==> flow/design.v <==
module dp_registers_stage #(
  parameter NWORDS = 6,
  parameter DATA_WIDTH = 32,
  parameter NR = 1,
  parameter WPORTS = 4,
  parameter AW = $clog2(NWORDS)
) (
  input wire i_clk,
  input wire clr,
  input wire [WPORTS-1:0] load_in,
  input wire [WPORTS*AW-1:0] wsel_in,
  input wire [WPORTS*DATA_WIDTH-1:0] d_in,
  input wire [NR*AW-1:0] ra_in,
  output wire [NR*DATA_WIDTH-1:0] dout_out
);
  reg [DATA_WIDTH-1:0] store [NWORDS-1:0];
  integer k;
  always @(posedge i_clk) begin
    for (k = 0; k < WPORTS; k = k + 1)
      if (load_in[k]) store[wsel_in[k*AW +: AW]] <= d_in[k*DATA_WIDTH +: DATA_WIDTH];
  end
  wire [NR*DATA_WIDTH-1:0] cur;
  genvar jj;
  generate
    for (jj = 0; jj < NR; jj = jj + 1) begin : stage
      assign cur[jj*DATA_WIDTH +: DATA_WIDTH] = store[ra_in[jj*AW +: AW]];
    end
  endgenerate
  reg [NR*DATA_WIDTH-1:0] r_dout;
  assign dout_out = r_dout;
  always @(posedge i_clk or posedge clr) begin
    if (clr) begin
      r_dout <= 0;
    end else begin
      r_dout <= cur;
    end
  end
endmodule
From RTL to reports: dp_registers_stage. The steps from the RTL of dp_registers_stage to its reports follow in flow order. Line numbers count from 1 in the design file above. Operators carry their Yosys type and port widths (W data, S select, Z words). Cell names lack the library's common part. The mark - stands for no value.

Top: dp_registers_stage. Clock: i_clk. Standard-cell library: sky130hd. Timing corner: tt_025C_1v80.

After elaboration. Counts by Yosys on the flattened word-level netlist (proc, flatten, opt, wreduce; memories kept). Register bits leave out memories and registers merged into their read ports (data or address); mux counts leave out enables and synchronous resets folded into registers. Print and check cells are left out. Cells with the same type and inputs are merged into one. Memory sizes are those after Yosys's memory passes, which may raise the word count (mostly to a power of two), join words into wider ones and drop unused or constant bits.

The figure for mux-type cells is 12.

Operators with widths (count): $mux W32 (4); $mux W3 (4); $mux W1 (4).

Under flip-flop bits (word level) stands 0. Under memory bits (writable) stands 192. Under clocked read ports x word width stands 32. The entry for memories kept reads 1. The entry for input port bits reads 149.

Memories: store (words 6, width 32, read ports 1, write ports 4, RTL line 16) `reg [DATA_WIDTH-1:0] store [NWORDS-1:0];`.

Depth. Yosys ltp: most cells in a row. Word level: on the elaborated netlist, between registers, memories and ports. Mapped: between sequential cells and ports; inverters and the memories' decode and read muxes count.

The figure for depth in word-level cells is 1. The figure for ABC_AREA is 0. Depth in mapped cells: 7. The figure for mapped depth without buffers is 3.

Netlist. Source: synth_stat.txt of the flow (Yosys; design flattened, memories mapped). It holds for the ABC_AREA given above (unset counts as 0); a run with the other value may have another netlist.

For cells in the netlist the number is 1306. Synthesis area: 14199.9 um^2. The entry for sequential part of the area reads 6566.3 um^2. The entry for flip-flops reads 224. Under buffers stands 136.

Cells by type (count): edfxtp_1 (192); mux2i_1 (224); a211oi_1 (139); nor3_1 (192); nor2_1 (228); dfrtp_1 (32); mux4_2 (32); a211oi_2 (53); clkbuf_1 (82); buf_2 (37); a21oi_1 (32); buf_6 (8); nor4bb_1 (6); nand4b_1 (6); nand4bb_1 (4); and2_1 (6); nand3_1 (7); buf_1 (7).

Not listed: further types 11, cells in them 19.

Timing after synthesis. Path of least setup slack by OpenSTA after synthesis, without wires, with an ideal clock, recovery checks aside; 20% of the period is set as input and as output delay. Where synthesis merged equal registers, the netlist keeps one of their names.

Path kind: input port to flip-flop. Start: in wsel_in[9]. End: mem store[3][0]. The figure for period is 3600 ps. The figure for input delay is 720 ps. The entry for time at the first pin reads 720 ps. For arrival time the number is 2460 ps. Under slack stands 579 ps. The figure for path delay is 2301 ps. Under driving pins on the path stands 6. The entry for path buffers reads 3. The figure for synthesis period reached is 3021 ps.

"path delay" is the arrival time less input delay plus setup time. "driving pins on the path": output pins that drive a net of the path, with the launching flip-flop's if there is one; two outputs of one cell count as two. "synthesis period reached" = period - worst setup slack (recovery checks aside). The figure is calculated, with input and output delays left at 20% of the set period. The rows between start and end are the longest chain of elaborated cells between them; the timing report does not say that the signal goes this way. Where chains are equally long, one stands for them. A line is the first line of the expression or statement that the cell stems from. Yosys adds cells for indexed reads and writes and turns some case tables into memories.

Cell sequence: buf_2 > nand4b_1 > and2_1 > clkbuf_1 > clkbuf_1 > nand3_1. The figure for cells in the longest elaborated chain is 1.

Ends and longest elaborated chain, after synthesis: start, declared (RTL line 11) `input wire [WPORTS*AW-1:0] wsel_in,`; $mux W3 (RTL line 20) `if (load_in[k]) store[wsel_in[k*AW +: AW]] <= d_in[k*DATA_WIDTH +: DATA_WIDTH];`; end, declared (RTL line 16) `reg [DATA_WIDTH-1:0] store [NWORDS-1:0];`.

Timing after layout. Path of least setup slack in the final report of record 1 (OpenROAD, finished layout, wires in). Where an end is a register, its clock arrival counts in the times. The path's times are printed in steps of 10 ps; the period is the one set.

Path kind: input port to flip-flop. Start: in wsel_in[11]. End: mem store[3][17]. The figure for period is 4470 ps. The figure for input delay is 890 ps. The entry for time at the first pin reads 890 ps. For arrival time the number is 3860 ps. Under slack stands 940 ps. Under driving pins on the path stands 8. The entry for path buffers reads 5.

The rows between start and end are the longest chain of elaborated cells between them; the timing report does not say that the signal goes this way. Where chains are equally long, one stands for them.

Cell sequence: clkdlybuf4s50_1 > buf_6 > nand4b_1 > and2_1 > clkbuf_1 > clkbuf_1 > nand3_4 > buf_12. The figure for cells in the longest elaborated chain is 1.

Ends and longest elaborated chain, post-layout: start, declared (RTL line 11) `input wire [WPORTS*AW-1:0] wsel_in,`; $mux W3 (RTL line 20) `if (load_in[k]) store[wsel_in[k*AW +: AW]] <= d_in[k*DATA_WIDTH +: DATA_WIDTH];`; end, declared (RTL line 16) `reg [DATA_WIDTH-1:0] store [NWORDS-1:0];`.

Lab notebook: dp_registers_stage

Measured results for dp_registers_stage: 2 stored runs of the Yosys and OpenROAD flow on sky130hd. The settings differ; the order carries no meaning. The constraints put input and output delay at 20% of the set period each and load the outputs with 0.01 pF.

Files of record 1:
==> flow/run.sh <==
#!/bin/bash
# the make line also repeats the synthesis and layout settings of config.mk as NAME=value (left out here)
make -C /OpenROAD-flow-scripts/flow DESIGN_CONFIG=/design/flow/config.mk WORK_HOME=/design/flow/orfs CLKGATE_MAP_FILE= finish
==> flow/config.mk <==
export PLATFORM = sky130hd
export DESIGN_NAME = dp_registers_stage
export DESIGN_NICKNAME = dp_registers_stage
export VERILOG_FILES = /design/flow/design.v
export SDC_FILE = /design/flow/constraint.sdc
export NUM_CORES = 4
export LEC_CHECK = 0
export ABC_AREA = 0
export CAP_MARGIN = 20
export CORE_ASPECT_RATIO = 1.42
export CORE_MARGIN = 2
export CORE_UTILIZATION = 55
export CTS_CLUSTER_DIAMETER = 261
export CTS_CLUSTER_SIZE = 71
export GPL_ROUTABILITY_DRIVEN = 0
export GPL_TIMING_DRIVEN = 0
export MAX_ROUTING_LAYER = met4
export PLACE_DENSITY_LB_ADDON = 0.24
export SLEW_MARGIN = 40
==> flow/constraint.sdc <==
create_clock -name core_clock -period 4.47 [get_ports {i_clk}]
set_input_delay 0.8940 -clock core_clock [delete_from_list [all_inputs] [get_ports {i_clk}]]
set_output_delay 0.8940 -clock core_clock [all_outputs]
set_load 0.01 [all_outputs]

Results of record 1. The utilization after layout is 65.7 %. The overall die area is 27,139.1 um^2. The setup slack of the critical path reads 939 ps. The post-route setup TNS comes to 0 ps. For the cell area after synthesis the run shows 14,199.9 um^2.

Files of record 2:
==> flow/run.sh <==
#!/bin/bash
# the make line also repeats the synthesis and layout settings of config.mk as NAME=value (left out here)
make -C /OpenROAD-flow-scripts/flow DESIGN_CONFIG=/design/flow/config.mk WORK_HOME=/design/flow/orfs CLKGATE_MAP_FILE= finish
==> flow/config.mk <==
export PLATFORM = sky130hd
export DESIGN_NAME = dp_registers_stage
export DESIGN_NICKNAME = dp_registers_stage
export VERILOG_FILES = /design/flow/design.v
export SDC_FILE = /design/flow/constraint.sdc
export NUM_CORES = 4
export LEC_CHECK = 0
export CAP_MARGIN = 20
export CORE_MARGIN = 2
export CORE_UTILIZATION = 40
export SLEW_MARGIN = 20
==> flow/constraint.sdc <==
create_clock -name core_clock -period 3.6 [get_ports {i_clk}]
set_input_delay 0.7200 -clock core_clock [delete_from_list [all_inputs] [get_ports {i_clk}]]
set_output_delay 0.7200 -clock core_clock [all_outputs]
set_load 0.01 [all_outputs]

Results of record 2. The utilization after layout is 50.0 %. The overall die area is 37,023.5 um^2. The setup slack of the critical path reads 994 ps. The post-route setup TNS comes to 0 ps. For the cell area after synthesis the run shows 14,199.9 um^2.
